==> flow/design.v <==
module u_switch #(
  parameter integer DATA_WIDTH = 10
) (
  input  wire aclk,
  input  wire rst,
  input  wire [DATA_WIDTH-1:0] i_d_0,
  input  wire [DATA_WIDTH-1:0] i_d_1,
  input  wire [DATA_WIDTH-1:0] i_d_2,
  input  wire [DATA_WIDTH-1:0] i_d_3,
  input  wire [DATA_WIDTH-1:0] i_d_4,
  input  wire [DATA_WIDTH-1:0] i_d_5,
  input  wire [DATA_WIDTH-1:0] i_d_6,
  input  wire [DATA_WIDTH-1:0] i_d_7,
  input  wire [DATA_WIDTH-1:0] i_d_8,
  input  wire [DATA_WIDTH-1:0] i_d_9,
  input  wire [DATA_WIDTH-1:0] i_d_10,
  input  wire [DATA_WIDTH-1:0] i_d_11,
  input  wire [10:0] i_idx,
  output wire [DATA_WIDTH-1:0] o_data_out
);
  reg [DATA_WIDTH-1:0] d_0_q;
  reg [DATA_WIDTH-1:0] d_1_q;
  reg [DATA_WIDTH-1:0] d_2_q;
  reg [DATA_WIDTH-1:0] d_3_q;
  reg [DATA_WIDTH-1:0] d_4_q;
  reg [DATA_WIDTH-1:0] d_5_q;
  reg [DATA_WIDTH-1:0] d_6_q;
  reg [DATA_WIDTH-1:0] d_7_q;
  reg [DATA_WIDTH-1:0] d_8_q;
  reg [DATA_WIDTH-1:0] d_9_q;
  reg [DATA_WIDTH-1:0] d_10_q;
  reg [DATA_WIDTH-1:0] d_11_q;
  reg [10:0] idx_q;
  reg [DATA_WIDTH-1:0] tmp;
  always @(*) begin
    casez (idx_q)
      11'b??????????1: tmp = d_0_q;
      11'b?????????10: tmp = d_1_q;
      11'b????????100: tmp = d_2_q;
      11'b???????1000: tmp = d_3_q;
      11'b??????10000: tmp = d_4_q;
      11'b?????100000: tmp = d_5_q;
      11'b????1000000: tmp = d_6_q;
      11'b???10000000: tmp = d_7_q;
      11'b??100000000: tmp = d_8_q;
      11'b?1000000000: tmp = d_9_q;
      11'b10000000000: tmp = d_10_q;
      default: tmp = d_11_q;
    endcase
  end
  assign o_data_out = tmp;
  always @(posedge aclk) begin
    if (rst) begin
      d_0_q <= 0;
      d_1_q <= 0;
      d_2_q <= 0;
      d_3_q <= 0;
      d_4_q <= 0;
      d_5_q <= 0;
      d_6_q <= 0;
      d_7_q <= 0;
      d_8_q <= 0;
      d_9_q <= 0;
      d_10_q <= 0;
      d_11_q <= 0;
      idx_q <= 0;
    end else begin
      d_0_q <= i_d_0;
      d_1_q <= i_d_1;
      d_2_q <= i_d_2;
      d_3_q <= i_d_3;
      d_4_q <= i_d_4;
      d_5_q <= i_d_5;
      d_6_q <= i_d_6;
      d_7_q <= i_d_7;
      d_8_q <= i_d_8;
      d_9_q <= i_d_9;
      d_10_q <= i_d_10;
      d_11_q <= i_d_11;
      idx_q <= i_idx;
    end
  end
endmodule
# From RTL to reports: u_switch
# The steps from the RTL of u_switch to its reports follow in flow order.
# Line numbers count from 1 in the design file above.
# Operators: Yosys type, input widths -> output width; for muxes data width and select width s.
# The mark - stands for no value.
[setup]
design = "u_switch"
clock_port = "aclk"
cell_library = "sky130hd"
lib_corner = "tt_025C_1v80"

# Word level
# Yosys after proc, flatten, opt, wreduce and memory -nomap, before mapping. Enables and synchronous resets that opt folds into registers are not counted as muxes. Memory bits, and registers merged into a memory's read port (data or address), are not among the register bits. Print and check cells are not counted. Equal cells are merged and count once.
[bits]
reg_bits = 131
latch_bits = 0
ramBits = 0
mem_bits_ro = 0
clocked_rd_ports_x_width = 0
mem_count = 0
input_bits = 133
output_inout_bits = 10
word_cells = 24
[op_classes]
n_addsub = 0
mul = 0
div_mod_pow = 0
compare = 0
n_eq = 10
n_shift = 0
muxes = 1
n_logic = 0
n_reduce_logical = 0
[ops]
columns = ["op", "count"]
rows = [
  ["$pmux 10 s11", 1],
  ["$eq 11x11->1 const B", 1],
  ["$eq 10x10->1 const B", 1],
  ["$eq 9x9->1 const B", 1],
  ["$eq 8x8->1 const B", 1],
  ["$eq 7x7->1 const B", 1],
  ["$eq 6x6->1 const B", 1],
  ["$eq 5x5->1 const B", 1],
  ["$eq 4x4->1 const B", 1],
  ["$eq 3x3->1 const B", 1],
  ["$eq 2x2->1 const B", 1],
]

# Longest topological paths
# Yosys ltp: most cells in a row. Word level: on the elaborated netlist, between registers, memories and ports. Mapped: between sequential cells and ports; inverters and the memories' decode and read muxes count.
[depth]
depth_word = 2
abc_area = 0
mapped_depth = 7
depth_no_buf = 4

# Synthesis result
# The flow's flattened synthesis, as Yosys stat reports it; memories are mapped. The netlist is that of the ABC_AREA named above (0 if unset); the other value can give another one.
# Totals and module areas in this step are rounded.
[synth_totals]
cell_count = 458
synth_area_um2 = 4590
sequential_area_um2 = 2620
ff_cells = 131
buf_cells = 35
[by_type]
columns = ["cell_type", "count", "type_area_um2"]
rows = [
  ["sky130_fd_sc_hd__dfxtp_1", 131, 2.62E+03],
  ["sky130_fd_sc_hd__nor2b_1", 134, 838.304],
  ["sky130_fd_sc_hd__a31oi_1", 18, 112.608],
  ["sky130_fd_sc_hd__nand2_1", 30, 112.608],
  ["sky130_fd_sc_hd__clkbuf_1", 28, 105.101],
  ["sky130_fd_sc_hd__a221o_1", 10, 100.096],
  ["sky130_fd_sc_hd__a221oi_1", 10, 87.584],
  ["sky130_fd_sc_hd__a32oi_1", 10, 87.584],
  ["sky130_fd_sc_hd__nand2b_1", 11, 68.816],
  ["sky130_fd_sc_hd__a22oi_1", 9, 67.565],
  ["sky130_fd_sc_hd__nand3b_1", 9, 67.565],
  ["sky130_fd_sc_hd__or2_0", 9, 56.304],
  ["sky130_fd_sc_hd__a21oi_1", 10, 50.048],
  ["sky130_fd_sc_hd__o21ai_0", 10, 50.048],
  ["sky130_fd_sc_hd__nor3_1", 9, 45.043],
  ["sky130_fd_sc_hd__nor3_2", 2, 20.019],
  ["sky130_fd_sc_hd__buf_1", 5, 18.768],
  ["sky130_fd_sc_hd__nor3b_1", 2, 15.014],
]
# Not listed: further types 6, cells in them 11.

# Timing after synthesis
# OpenSTA on the mapped netlist: ideal clock, no wires. The path of least setup slack (recovery checks aside). Input and output delay are each 20% of the period. Register names are those of the netlist, which keeps one name where synthesis merged equal registers.
[synth_path]
path_kind = "flip-flop to output port"
from = "register idx_q[1]"
to = "output port o_data_out[0]"
period_ps = 2890
output_delay_ps = 578
arrival_time_ps = 1852
path_slack_ps = 460
delay_ps = 1852
path_stages = 7
period_less_setup_slack_ps = 2430
# "delay_ps" is the arrival time less input delay plus setup time.
# A path that ends at an output port has no setup time.
# "path_stages" counts driving pins, that of a launching flip-flop among them; a cell with two outputs on the path counts twice.
# "period_less_setup_slack_ps" = period - worst setup slack (recovery checks aside). The figure is calculated, with input and output delays left at 20% of the set period.
# The rows between start and end are the longest chain of elaborated cells between them; the timing report does not say that the signal goes this way. Where chains are equally long, one stands for them.
# A line is the first line of the expression or statement that the cell stems from. Yosys adds cells for indexed reads and writes and turns some case tables into memories.
[synth_between]
cell_sequence = "sky130_fd_sc_hd__dfxtp_1 sky130_fd_sc_hd__or3_1 sky130_fd_sc_hd__clkbuf_1 sky130_fd_sc_hd__or4_1 sky130_fd_sc_hd__buf_2 sky130_fd_sc_hd__or2_0 sky130_fd_sc_hd__a31oi_1"
elab_chain_cells = 2
cells_between = 11
classes_between = "10 x eq/ne; 1 x mux"
[synth_lines]
columns = ["item", "line", "text"]
rows = [
  ["start: declaration", 33, "reg [10:0] idx_q;"],
  ["start: assignment", 66, "idx_q <= 0;"],
  ["start: assignment", 80, "idx_q <= i_idx;"],
  ["$eq 11x11->1", 36, "casez (idx_q)"],
  ["$pmux 10 s11", 36, ""],
  ["end: declaration", 19, "output wire [DATA_WIDTH-1:0] o_data_out"],
]

# Path in the finished layout
# Path of least setup slack in the final report of run 1 (OpenROAD, finished layout, wires in). Where an end is a register, its clock arrival counts in the times.
# The report prints the path's times to 10 ps; the period is as set.
[layout_path]
path_kind = "flip-flop to output port"
from = "register idx_q[3]"
to = "output port o_data_out[9]"
period_ps = 2890
output_delay_ps = 580
arrival_time_ps = 2470
path_slack_ps = -160
path_stages = 7
# The rows between start and end are the longest chain of elaborated cells between them; the timing report does not say that the signal goes this way. Where chains are equally long, one stands for them.
[layout_between]
cell_sequence = "sky130_fd_sc_hd__dfxtp_2 sky130_fd_sc_hd__or4_4 sky130_fd_sc_hd__or4_4 sky130_fd_sc_hd__buf_6 sky130_fd_sc_hd__or2_0 sky130_fd_sc_hd__a31oi_1 sky130_fd_sc_hd__buf_2"
elab_chain_cells = 2
cells_between = 9
classes_between = "8 x eq/ne; 1 x mux"
[layout_lines]
columns = ["item", "line", "text"]
rows = [
  ["start: declaration", 33, "reg [10:0] idx_q;"],
  ["start: assignment", 66, "idx_q <= 0;"],
  ["start: assignment", 80, "idx_q <= i_idx;"],
  ["$eq 11x11->1", 36, "casez (idx_q)"],
  ["$pmux 10 s11", 36, ""],
  ["end: declaration", 19, "output wire [DATA_WIDTH-1:0] o_data_out"],
]

# Module u_switch, platform sky130hd: 3 stored runs of the flow (Yosys, OpenROAD) with differing settings, in no particular order. Input and output delays are each 20% of the period that was set; the output load is 0.01 pF.
# "achievedPeriod_ps" means the clock period less the worst setup slack. The figure is calculated, with input and output delays left at 20% of the set period.
# "timing.worst_path_ps" means the part of the period allowed to the worst setup path (the constraints hold back 20% at inputs and 20% at outputs) less its slack; where the path has registers, the arrival times of their clocks count too.
# "power_mw" rests on the timing tool's default activity at the inputs, not on a simulated workload.
# "timing.worst_path_ps" is known to 10 ps.
# Results are given in rounded form.

[[run]]
name = "run 1"
[run.settings]
period_ns = 2.89
CAP_MARGIN = 20
CORE_MARGIN = 2
CORE_UTILIZATION = 40
SLEW_MARGIN = 20
[run.results]
hold_ws_ps = 651
achievedPeriod_ps = 3047
layout_stdcell_area_um2 = 6850
fin_tns_ps = -916
yosys.chip_area_um2 = 4590
timing.worst_path_ps = 2470
worst_setup_path_type = "flip-flop to output port"
power_mw = 4.57
die_um2 = 12400
final_util_frac = 0.605
timing.setup.ws_ps = -157

[[run]]
name = "run 2"
[run.settings]
period_ns = 2.85
CORE_UTILIZATION = 38
CORE_ASPECT_RATIO = 0.52
CORE_MARGIN = 4
CELL_PAD_IN_SITES_GLOBAL_PLACEMENT = 3
TNS_END_PERCENT = 50
MIN_ROUTING_LAYER = "met1"
CAP_MARGIN = 20
SLEW_MARGIN = 20
[run.results]
hold_ws_ps = 650
power_mw = 4.85
timing.setup.ws_ps = -197
final_util_frac = 0.595
timing.worst_path_ps = 2480
worst_setup_path_type = "flip-flop to output port"
achievedPeriod_ps = 3047
yosys.chip_area_um2 = 4590
die_um2 = 14000
layout_stdcell_area_um2 = 6900
fin_tns_ps = -1180

[[run]]
name = "run 3"
[run.settings]
period_ns = 2.53
CORE_UTILIZATION = 52
SETUP_SLACK_MARGIN = 0.66
PLACE_DENSITY_LB_ADDON = 0.12
CORE_MARGIN = 4
CELL_PAD_IN_SITES_GLOBAL_PLACEMENT = 0
CAP_MARGIN = 40
SLEW_MARGIN = 20
[run.results]
power_mw = 5.26
layout_stdcell_area_um2 = 6910
achievedPeriod_ps = 3018
fin_tns_ps = -4630
timing.setup.ws_ps = -488
yosys.chip_area_um2 = 4590
final_util_frac = 0.8
die_um2 = 10400
timing.worst_path_ps = 2510
worst_setup_path_type = "flip-flop to output port"
hold_ws_ps = 453
